==> flow/design.v <==
module fa (
   input logic a,
   input logic b,
   input logic ci,
   output logic s,
   output logic co
);
   assign {co, s} = a + b + ci;
endmodule
module u_sub_unit_mod #(
   parameter int WIDTH = 12
) (
   input logic clk_i,
   input logic nrst,
   input logic [WIDTH-1:0] src1,
   input logic [WIDTH-1:0] src2,
   input logic dir,
   output logic [WIDTH-1:0] q,
   output logic carry_out
);
   logic [WIDTH-1:0] nxt;
   logic [WIDTH:0] carry;
   assign carry[0] = dir;
   for (genvar i = 0; i < WIDTH; i++) begin : blk
      fa u0 (.a(src1[i]), .b(src2[i] ^ dir), .ci(carry[i]), .s(nxt[i]), .co(carry[i+1]));
   end
   always_ff @(posedge clk_i or negedge nrst) begin
      if (!nrst) begin
         q <= 0;
      end else begin
         q <= nxt;
      end
   end
   always_ff @(posedge clk_i or negedge nrst) begin
      if (!nrst) begin
         carry_out <= 1'b0;
      end else begin
         carry_out <= carry[WIDTH];
      end
   end
endmodule
Appendix: tool output

== From RTL to reports: u_sub_unit_mod ==
A sweep over "WIDTH": the same steps for each member of the family.
The file above is the member WIDTH 12. Line numbers count from 1 in each member's own file.
Operators: Yosys type, input widths -> output width; for muxes data width and select width s.
Cell names lack the library's common part.
The mark - stands for no value.

* Design top: u_sub_unit_mod
* Clock port: clk_i
* Standard-cell library: sky130hd
* Timing corner: tt_025C_1v80

== Members of the sweep ==
Lines of each other member's file that are new or changed against the file above; lines that a member lacks are not shown.

{| class="wikitable"
|+ New or changed lines
! WIDTH !! RTL line !! source
|-
| 18 || 11 || <nowiki>parameter int WIDTH = 18</nowiki>
|-
| 20 || 11 || <nowiki>parameter int WIDTH = 20</nowiki>
|-
| 128 || 11 || <nowiki>parameter int WIDTH = 128</nowiki>
|}

== Elaborated design ==
Counts by Yosys on the flattened word-level netlist (proc, flatten, opt, wreduce; memories kept). Register bits leave out memories and registers merged into their read ports (data or address); mux counts leave out enables and synchronous resets folded into registers. Print and check cells are left out. Cells with the same type and inputs are merged into one.

{| class="wikitable"
|+ Bit counts
! WIDTH !! bits of input ports !! cells after elaboration !! bits in registers
|-
| 12 || 27 || 38 || 13
|-
| 18 || 39 || 56 || 19
|-
| 20 || 43 || 62 || 21
|-
| 128 || 259 || 386 || 129
|}

{| class="wikitable"
|+ Cells by class
! WIDTH !! bitwise logic cells !! add/subtract/negate cells
|-
| 12 || 12 || 24
|-
| 18 || 18 || 36
|-
| 20 || 20 || 40
|-
| 128 || 128 || 256
|}

{| class="wikitable"
|+ Operators by type and width
! WIDTH !! kind and count
|-
| 12 || $add 1x1->2 (12); $add 2x1->2 (12); $xor 1x1->1 (12)
|-
| 18 || $add 1x1->2 (18); $add 2x1->2 (18); $xor 1x1->1 (18)
|-
| 20 || $add 1x1->2 (20); $add 2x1->2 (20); $xor 1x1->1 (20)
|-
| 128 || $add 1x1->2 (128); $add 2x1->2 (128); $xor 1x1->1 (128)
|}

== Longest topological paths ==
Longest topological path by Yosys (ltp), each cell counted once; first at word level (registers and memories cut), then after technology mapping (sequential cells cut; the memories' decode and read muxes count).

{| class="wikitable"
|+ Depth
! WIDTH !! depth after elaboration !! ABC_AREA !! mapped depth
|-
| 12 || 14 || 0 || 15
|-
| 18 || 20 || 0 || 21
|-
| 20 || 22 || 0 || 23
|-
| 128 || 130 || 0 || 131
|}

== Netlist ==
Source: synth_stat.txt of the flow (Yosys; design flattened, memories mapped). It holds for the ABC_AREA given above (unset counts as 0); a run with the other value may have another netlist.
Totals and module areas in this step are rounded.

{| class="wikitable"
|+ Synthesis totals
! WIDTH !! sequential area (um2) !! flip-flops !! mapped cells !! synthesis area (um2) !! buffers
|-
| 12 || 330 || 13 || 58 || 760 || 1
|-
| 18 || 480 || 19 || 89 || 1100 || 2
|-
| 20 || 530 || 21 || 99 || 1200 || 2
|-
| 128 || 3200 || 129 || 651 || 8000 || 14
|}

{| class="wikitable"
|+ Cells by type
! WIDTH !! type and count
|-
| 12 || dfrtp_1 (13); fa_1 (11); xnor2_1 (9); inv_1 (20); xor2_1 (2); xor2_2 (1); buf_6 (1); mux2_2 (1)
|-
| 18 || dfrtp_1 (19); fa_1 (17); xnor2_1 (15); inv_1 (32); xor2_1 (3); buf_12 (1); buf_6 (1); mux2_2 (1)
|-
| 20 || dfrtp_1 (21); fa_1 (19); xnor2_1 (17); inv_1 (36); xor2_1 (3); buf_6 (2); mux2_2 (1)
|-
| 128 || dfrtp_1 (129); fa_1 (127); xnor2_1 (125); inv_1 (252); buf_6 (12); xor2_1 (3); buf_4 (2); mux2_2 (1)
|}

By module: a second synthesis without flattening, with its own total; a netlist apart from the flattened one above.

{| class="wikitable"
|+ Unflattened totals
! WIDTH !! cells (unflattened synthesis) !! area (unflattened synthesis) (um2)
|-
| 12 || 38 || 680
|-
| 18 || 57 || 1000
|-
| 20 || 63 || 1100
|-
| 128 || 399 || 7200
|}

== Worst setup path after synthesis ==
Source: OpenSTA report_checks on the synthesized netlist (no wires, ideal clock, input and output delay 20% of the period each), path of least setup slack; recovery checks are left aside. Register names are those of the netlist, which keeps one name where synthesis merged equal registers.

{| class="wikitable"
|+ Timing after synthesis
! WIDTH !! kind !! start point !! end point !! stages !! path delay (ns) !! period (ns) !! path slack (ns) !! synthesis period reached (ns)
|-
| 12 || input port to flip-flop || in dir || reg q[11] || 15 || 4.832 || 7.55 || 1.207 || 6.343
|-
| 18 || input port to flip-flop || in dir || reg q[17] || 21 || 7.370 || 11.5 || 1.830 || 9.67
|-
| 20 || input port to flip-flop || in dir || reg q[19] || 23 || 8.208 || 12.8 || 2.032 || 10.768
|-
| 128 || input port to flip-flop || in dir || reg q[127] || 131 || 53.534 || 83.6 || 13.345 || 70.255
|}

"path delay" is the arrival time less input delay plus setup time.
"stages" counts driving pins, that of a launching flip-flop among them; a cell with two outputs on the path counts twice.
"synthesis period reached" is the clock period less the worst setup slack; recovery checks do not enter. This is arithmetic on one report: input and output delays are still those of the set period (20% each).
The rows between start and end are the longest chain of elaborated cells between them; the timing report does not say that the signal goes this way. Where chains are equally long, one stands for them.
Each line given opens the expression or statement behind the cell; cells for indexed reads and writes are added by Yosys, which also makes memories of some case tables.

On the way, after synthesis, WIDTH 12:
* Length of the longest elaborated chain: 14

{| class="wikitable"
|+ RTL lines, path after synthesis, WIDTH 12
! element !! RTL line !! source
|-
| from (decl) || 17 || <nowiki>input logic dir,</nowiki>
|-
| $xor 1x1->1 || 25 || <nowiki>fa u0 (.a(src1[i]), .b(src2[i] ^ dir), .ci(carry[i]), .s(nxt[i]), .co(carry[i+1]));</nowiki>
|-
| $add 1x1->2 || 8 || <nowiki>assign {co, s} = a + b + ci;</nowiki>
|-
| $add 2x1->2 x12 || 8 ||
|-
| to (assign) || 29 || <nowiki>q <= 0;</nowiki>
|-
| to (assign) || 31 || <nowiki>q <= nxt;</nowiki>
|-
| to (decl) || 18 || <nowiki>output logic [WIDTH-1:0] q,</nowiki>
|}

On the way, after synthesis, WIDTH 128:
* Length of the longest elaborated chain: 130

{| class="wikitable"
|+ RTL lines, path after synthesis, WIDTH 128
! element !! RTL line !! source
|-
| from (decl) || 17 || <nowiki>input logic dir,</nowiki>
|-
| $xor 1x1->1 || 25 || <nowiki>fa u0 (.a(src1[i]), .b(src2[i] ^ dir), .ci(carry[i]), .s(nxt[i]), .co(carry[i+1]));</nowiki>
|-
| $add 1x1->2 || 8 || <nowiki>assign {co, s} = a + b + ci;</nowiki>
|-
| $add 2x1->2 x128 || 8 ||
|-
| to (assign) || 29 || <nowiki>q <= 0;</nowiki>
|-
| to (assign) || 31 || <nowiki>q <= nxt;</nowiki>
|-
| to (decl) || 18 || <nowiki>output logic [WIDTH-1:0] q,</nowiki>
|}

== Timing after layout ==
From the final timing report of each member's run: the path of least setup slack in the routed layout; clock arrival at registers is part of the times.

{| class="wikitable"
|+ Timing post-layout
! WIDTH !! kind !! start point !! end point !! period (ns) !! data arrival time (ns) !! stages !! path slack (ns)
|-
| 12 || input port to flip-flop || in dir || reg q[11] || 7.55 || 6.82 || 15 || 0.87
|-
| 18 || input port to flip-flop || in dir || reg q[17] || 11.5 || 10.35 || 21 || 1.31
|-
| 20 || input port to flip-flop || in dir || reg q[19] || 12.8 || 11.32 || 23 || 1.68
|-
| 128 || input port to flip-flop || in src2[0] || reg q[127] || 83.6 || 71.87 || 131 || 12.03
|}

== Flow runs ==
Settings and results of one run of the flow (Yosys, OpenROAD) for each member follow. The constraints put input and output delay at 20% of the set period each and load the outputs with 0.01 pF.

* CAP_MARGIN: 20
* CORE_MARGIN: 2
* CORE_UTILIZATION: 40
* SLEW_MARGIN: 20

{| class="wikitable"
|+ Settings that differ
! WIDTH !! period_ns
|-
| 12 || 7.55
|-
| 18 || 11.5
|-
| 20 || 12.8
|-
| 128 || 83.6
|}

{| class="wikitable"
|+ Final reports
! WIDTH !! area of the standard cells in the finished layout (um2) !! synthesized cell area (um2) !! period reached (ns) !! final utilization (%) !! die size (um2) !! total negative slack on setup checks (ns) !! power consumption (mW) !! smallest setup slack (ns)
|-
| 12 || 1200 || 760 || 6.675 || 69 || 2300 || 0.000 || 0.23 || 0.87
|-
| 18 || 1700 || 1100 || 10.188 || 64 || 3300 || 0.000 || 0.22 || 1.3
|-
| 20 || 1900 || 1200 || 11.120 || 64 || 3600 || 0.000 || 0.22 || 1.7
|-
| 128 || 13000 || 8000 || 71.572 || 65 || 21000 || 0.000 || 0.27 || 12
|}

"period reached": clock period set for the run, less the worst setup slack. It is reckoned from that one timing run; input and output delays stay at 20% of the period that was set.
"power consumption" is the tool's figure for a default switching activity; nothing was simulated.
Measured values are rounded.
